==> flow/design.v <==
module data_mux_stage #(
  parameter W = 8
) (
  input wire clk_i,
  input wire [W-1:0] in_data_0,
  input wire [W-1:0] in_data_1,
  input wire [W-1:0] in_data_2,
  input wire [W-1:0] in_data_3,
  input wire [W-1:0] in_data_4,
  input wire [W-1:0] in_data_5,
  input wire [2:0] in_addr,
  output reg [W-1:0] out_dout
);
  reg [W-1:0] cur;
  always @* begin
    case (in_addr)
      3'd0: cur = in_data_0;
      3'd1: cur = in_data_1;
      3'd2: cur = in_data_2;
      3'd3: cur = in_data_3;
      3'd4: cur = in_data_4;
      default: cur = in_data_5;
    endcase
  end
  always @(posedge clk_i) begin
    out_dout <= cur;
  end
endmodule
Memo
Re: synthesis data of data_mux_stage

======== Step by step through the tools: data_mux_stage ========
A sweep over "W": the same steps for each member of the family.
The RTL above is that of W = 8; lines are counted from 1 in the file of the member named.
Operators carry their Yosys type and port widths (W data, S select, Z words).
Not given: n/a
design
  top ..................................... data_mux_stage
  clock ................................... clk_i
  cell library ............................ sky130hd
  corner .................................. tt_025C_1v80

======== Source of the members ========
Lines of each other member's file that are new or changed against the file above; lines that a member lacks are not shown.
new or changed lines
  W   line  source
  10  2     parameter W = 10
  16  2     parameter W = 16
  32  2     parameter W = 32

======== Elaborated design ========
Source: Yosys, flattened and elaborated, memories not mapped. Widths are those after wreduce; folded enables and synchronous resets count as part of the registers. Registers that Yosys merges into a memory's read port (data or address) are not register bits. Print and check cells do not count. Equal cells are merged and count once.
storage and ports
  W   input port bits  cells after elaboration  output and inout bits  register bits
  8   52               7                        8                      8
  10  64               7                        10                     10
  16  100              7                        16                     16
  32  196              7                        32                     32
cells by class
  W   reductions and logical operators  equal/unequal tests  mux-type cells
  8   1                                 4                    1
  10  1                                 4                    1
  16  1                                 4                    1
  32  1                                 4                    1
operators by type and width
  W   kinds with counts
  8   1 x $pmux W8 S5; 2 x $eq A3 B2 Y1 const B; 1 x $eq A3 B1 Y1 const B; 1 x $eq A3 B3 Y1 const B; 1 x $logic_not A3 Y1
  10  1 x $pmux W10 S5; 2 x $eq A3 B2 Y1 const B; 1 x $eq A3 B1 Y1 const B; 1 x $eq A3 B3 Y1 const B; 1 x $logic_not A3 Y1
  16  1 x $pmux W16 S5; 2 x $eq A3 B2 Y1 const B; 1 x $eq A3 B1 Y1 const B; 1 x $eq A3 B3 Y1 const B; 1 x $logic_not A3 Y1
  32  1 x $pmux W32 S5; 2 x $eq A3 B2 Y1 const B; 1 x $eq A3 B1 Y1 const B; 1 x $eq A3 B3 Y1 const B; 1 x $logic_not A3 Y1

======== Longest topological paths ========
Longest topological path by Yosys (ltp), each cell counted once; first at word level (registers and memories cut), then after technology mapping (sequential cells cut; the memories' decode and read muxes count).
logic depth
  W   word-level depth  ABC_AREA  depth in mapped cells  depth with buffers taken out
  8   2                 0         6                      4
  10  2                 0         5                      3
  16  2                 0         5                      3
  32  2                 0         6                      3

======== After synthesis ========
The flow's flattened synthesis, as Yosys stat reports it; memories are mapped. The netlist is that of the ABC_AREA named above (0 if unset); the other value can give another one.
Totals and module areas in this step are rounded.
mapped netlist
  W   area of sequential cells (µm²)  buffer cells  synthesis area (µm²)  flip-flop cells  mapped cells
  8   160                             5             600                   8                62
  10  200                             6             760                   10               74
  16  320                             11            1200                  16               115
  32  640                             19            2200                  32               192
cells by type
  W   type and count
  8   8 x sky130_fd_sc_hd__dfxtp_1; 2 x sky130_fd_sc_hd__mux4_1; 4 x sky130_fd_sc_hd__a221o_1; 4 x sky130_fd_sc_hd__mux2i_1; 4 x sky130_fd_sc_hd__a221oi_1; 2 x sky130_fd_sc_hd__a221oi_2; 4 x sky130_fd_sc_hd__o21a_1; 6 x sky130_fd_sc_hd__o21ai_0; 2 x sky130_fd_sc_hd__mux2_2; 1 x sky130_fd_sc_hd__buf_12; 5 x sky130_fd_sc_hd__nor2_1; 2 x sky130_fd_sc_hd__a21o_2; 2 x sky130_fd_sc_hd__a21o_1; 2 x sky130_fd_sc_hd__o22ai_1; 1 x sky130_fd_sc_hd__buf_6; 2 x sky130_fd_sc_hd__a21oi_1; 2 x sky130_fd_sc_hd__buf_2; 2 x sky130_fd_sc_hd__o21ai_1; [+7]
  10  10 x sky130_fd_sc_hd__dfxtp_1; 20 x sky130_fd_sc_hd__mux2i_1; 6 x sky130_fd_sc_hd__a221oi_1; 6 x sky130_fd_sc_hd__a211oi_1; 4 x sky130_fd_sc_hd__mux2_2; 4 x sky130_fd_sc_hd__a221o_1; 6 x sky130_fd_sc_hd__nor2b_1; 4 x sky130_fd_sc_hd__and2b_1; 4 x sky130_fd_sc_hd__o22ai_1; 2 x sky130_fd_sc_hd__buf_6; 1 x sky130_fd_sc_hd__buf_8; 1 x sky130_fd_sc_hd__nor2_4; 1 x sky130_fd_sc_hd__clkbuf_4; 1 x sky130_fd_sc_hd__nand2b_1; 1 x sky130_fd_sc_hd__or2_2; 1 x sky130_fd_sc_hd__buf_2; 1 x sky130_fd_sc_hd__clkbuf_1; 1 x sky130_fd_sc_hd__nor2_1
  16  16 x sky130_fd_sc_hd__dfxtp_1; 9 x sky130_fd_sc_hd__mux4_2; 16 x sky130_fd_sc_hd__mux2i_1; 13 x sky130_fd_sc_hd__a211oi_1; 6 x sky130_fd_sc_hd__a2111oi_2; 7 x sky130_fd_sc_hd__o21a_1; 9 x sky130_fd_sc_hd__a21oi_1; 7 x sky130_fd_sc_hd__and2_1; 7 x sky130_fd_sc_hd__nor2b_1; 3 x sky130_fd_sc_hd__buf_6; 9 x sky130_fd_sc_hd__nor2_1; 1 x sky130_fd_sc_hd__buf_12; 4 x sky130_fd_sc_hd__buf_2; 1 x sky130_fd_sc_hd__a211oi_2; 1 x sky130_fd_sc_hd__nor2_4; 1 x sky130_fd_sc_hd__a2111oi_1; 1 x sky130_fd_sc_hd__buf_4; 1 x sky130_fd_sc_hd__nand2b_1; [+3]
  32  32 x sky130_fd_sc_hd__dfxtp_1; 25 x sky130_fd_sc_hd__mux4_2; 37 x sky130_fd_sc_hd__mux2i_1; 32 x sky130_fd_sc_hd__a21oi_1; 27 x sky130_fd_sc_hd__nor2_1; 2 x sky130_fd_sc_hd__mux4_1; 4 x sky130_fd_sc_hd__buf_6; 5 x sky130_fd_sc_hd__a22o_1; 2 x sky130_fd_sc_hd__buf_12; 5 x sky130_fd_sc_hd__nand3b_1; 5 x sky130_fd_sc_hd__o211ai_1; 3 x sky130_fd_sc_hd__buf_4; 4 x sky130_fd_sc_hd__buf_2; 1 x sky130_fd_sc_hd__nor2_8; 4 x sky130_fd_sc_hd__buf_1; 2 x sky130_fd_sc_hd__clkbuf_1; 1 x sky130_fd_sc_hd__o21a_1; 1 x sky130_fd_sc_hd__inv_1
The mark [+n] counts cells that are not listed.

======== Worst setup path after synthesis ========
Source: OpenSTA report_checks on the synthesized netlist (no wires, ideal clock, input and output delay 20% of the period each), path of least setup slack; recovery checks are left aside. Register names are those of the netlist, which keeps one name where synthesis merged equal registers.
timing path after synthesis
  W   kind               from              to                     slack (ns)  path delay (ns)  driving pins on the path  clock period (ns)  synthesis period reached (ns)
  8   input -> register  input in_addr[0]  register out_dout[6]   0.262       1.041            6                         1.63               1.368
  10  input -> register  input in_addr[0]  register out_dout[3]   0.247       0.993            4                         1.55               1.303
  16  input -> register  input in_addr[1]  register out_dout[5]   0.239       0.946            5                         1.48               1.241
  32  input -> register  input in_addr[0]  register out_dout[26]  0.264       1.048            5                         1.64               1.376
"path delay" is the arrival time less input delay plus setup time.
"driving pins on the path" counts driving pins, that of a launching flip-flop among them; a cell with two outputs on the path counts twice.
"synthesis period reached" is the clock period less the worst setup slack; recovery checks do not enter. This is arithmetic on one report: input and output delays are still those of the set period (20% each).
The rows between start and end are the longest chain of elaborated cells between them; the timing report does not say that the signal goes this way. Where chains are equally long, one stands for them.
Each line given opens the expression or statement behind the cell; cells for indexed reads and writes are added by Yosys, which also makes memories of some case tables.
on the way, after synthesis, W = 8
  length of the longest elaborated chain .. 2
ends and longest elaborated chain, after synthesis, W = 8
  element          line  source
  start, declared  11    input wire [2:0] in_addr,
  $eq A3 B3 Y1     16    case (in_addr)
  $pmux W8 S5      16
  end, assigned    26    out_dout <= cur;
  end, declared    12    output reg [W-1:0] out_dout
on the way, after synthesis, W = 32
  length of the longest elaborated chain .. 2
ends and longest elaborated chain, after synthesis, W = 32
  element          line  source
  start, declared  11    input wire [2:0] in_addr,
  $eq A3 B3 Y1     16    case (in_addr)
  $pmux W32 S5     16
  end, assigned    26    out_dout <= cur;
  end, declared    12    output reg [W-1:0] out_dout

======== Path in the finished layout ========
From the final timing report of each member's run: the path of least setup slack in the routed layout; clock arrival at registers is part of the times.
timing path after layout
  W   kind                from                   to                    arrival (ns)  buffers on the path  clock period (ns)  driving pins on the path  slack (ns)
  8   input -> register   input in_addr[1]       register out_dout[7]  1.63          2                    1.63               6                         0.13
  10  input -> register   input in_addr[1]       register out_dout[7]  1.67          1                    1.55               4                         0.03
  16  register -> output  register out_dout[2]   output out_dout[2]    1.17          1                    1.48               2                         0.02
  32  register -> output  register out_dout[17]  output out_dout[17]   1.16          1                    1.64               2                         0.15

======== Flow runs ========
One run of the flow (Yosys, OpenROAD) for each member, with settings and measured results. Input and output delays are each 20% of the period that was set; the output load is 0.01 pF.
flow settings
  CAP_MARGIN .............................. 20
  CORE_MARGIN ............................. 2
  CORE_UTILIZATION ........................ 40
  SLEW_MARGIN ............................. 20
settings by member
  W   period_ns
  8   1.63
  10  1.55
  16  1.48
  32  1.64
final reports
  W   standard-cell area after layout (µm²)  lowest setup slack (ns)  utilization of the finished layout  die size (µm²)  achieved clock period (ns)  total design power (µW)  post-synthesis cell area (µm²)  final worst hold slack (ns)  total negative setup slack (ns)
  8   1300                                   0.13                     0.89                                1800            1.500                       700                      600                             0.56                         0.000
  10  1600                                   0.034                    0.91                                2300            1.516                       880                      760                             0.70                         0.000
  16  2600                                   0.017                    0.88                                3500            1.463                       1500                     1200                            0.62                         0.000
  32  4600                                   0.15                     0.88                                6100            1.488                       2600                     2200                            0.57                         0.000
By "achieved clock period" is meant the clock period of the run minus its worst setup slack. This is arithmetic on one report: input and output delays are still those of the set period (20% each).
"total design power": no workload was simulated; the value follows from the tool's default switching activity.
Measured values are rounded.
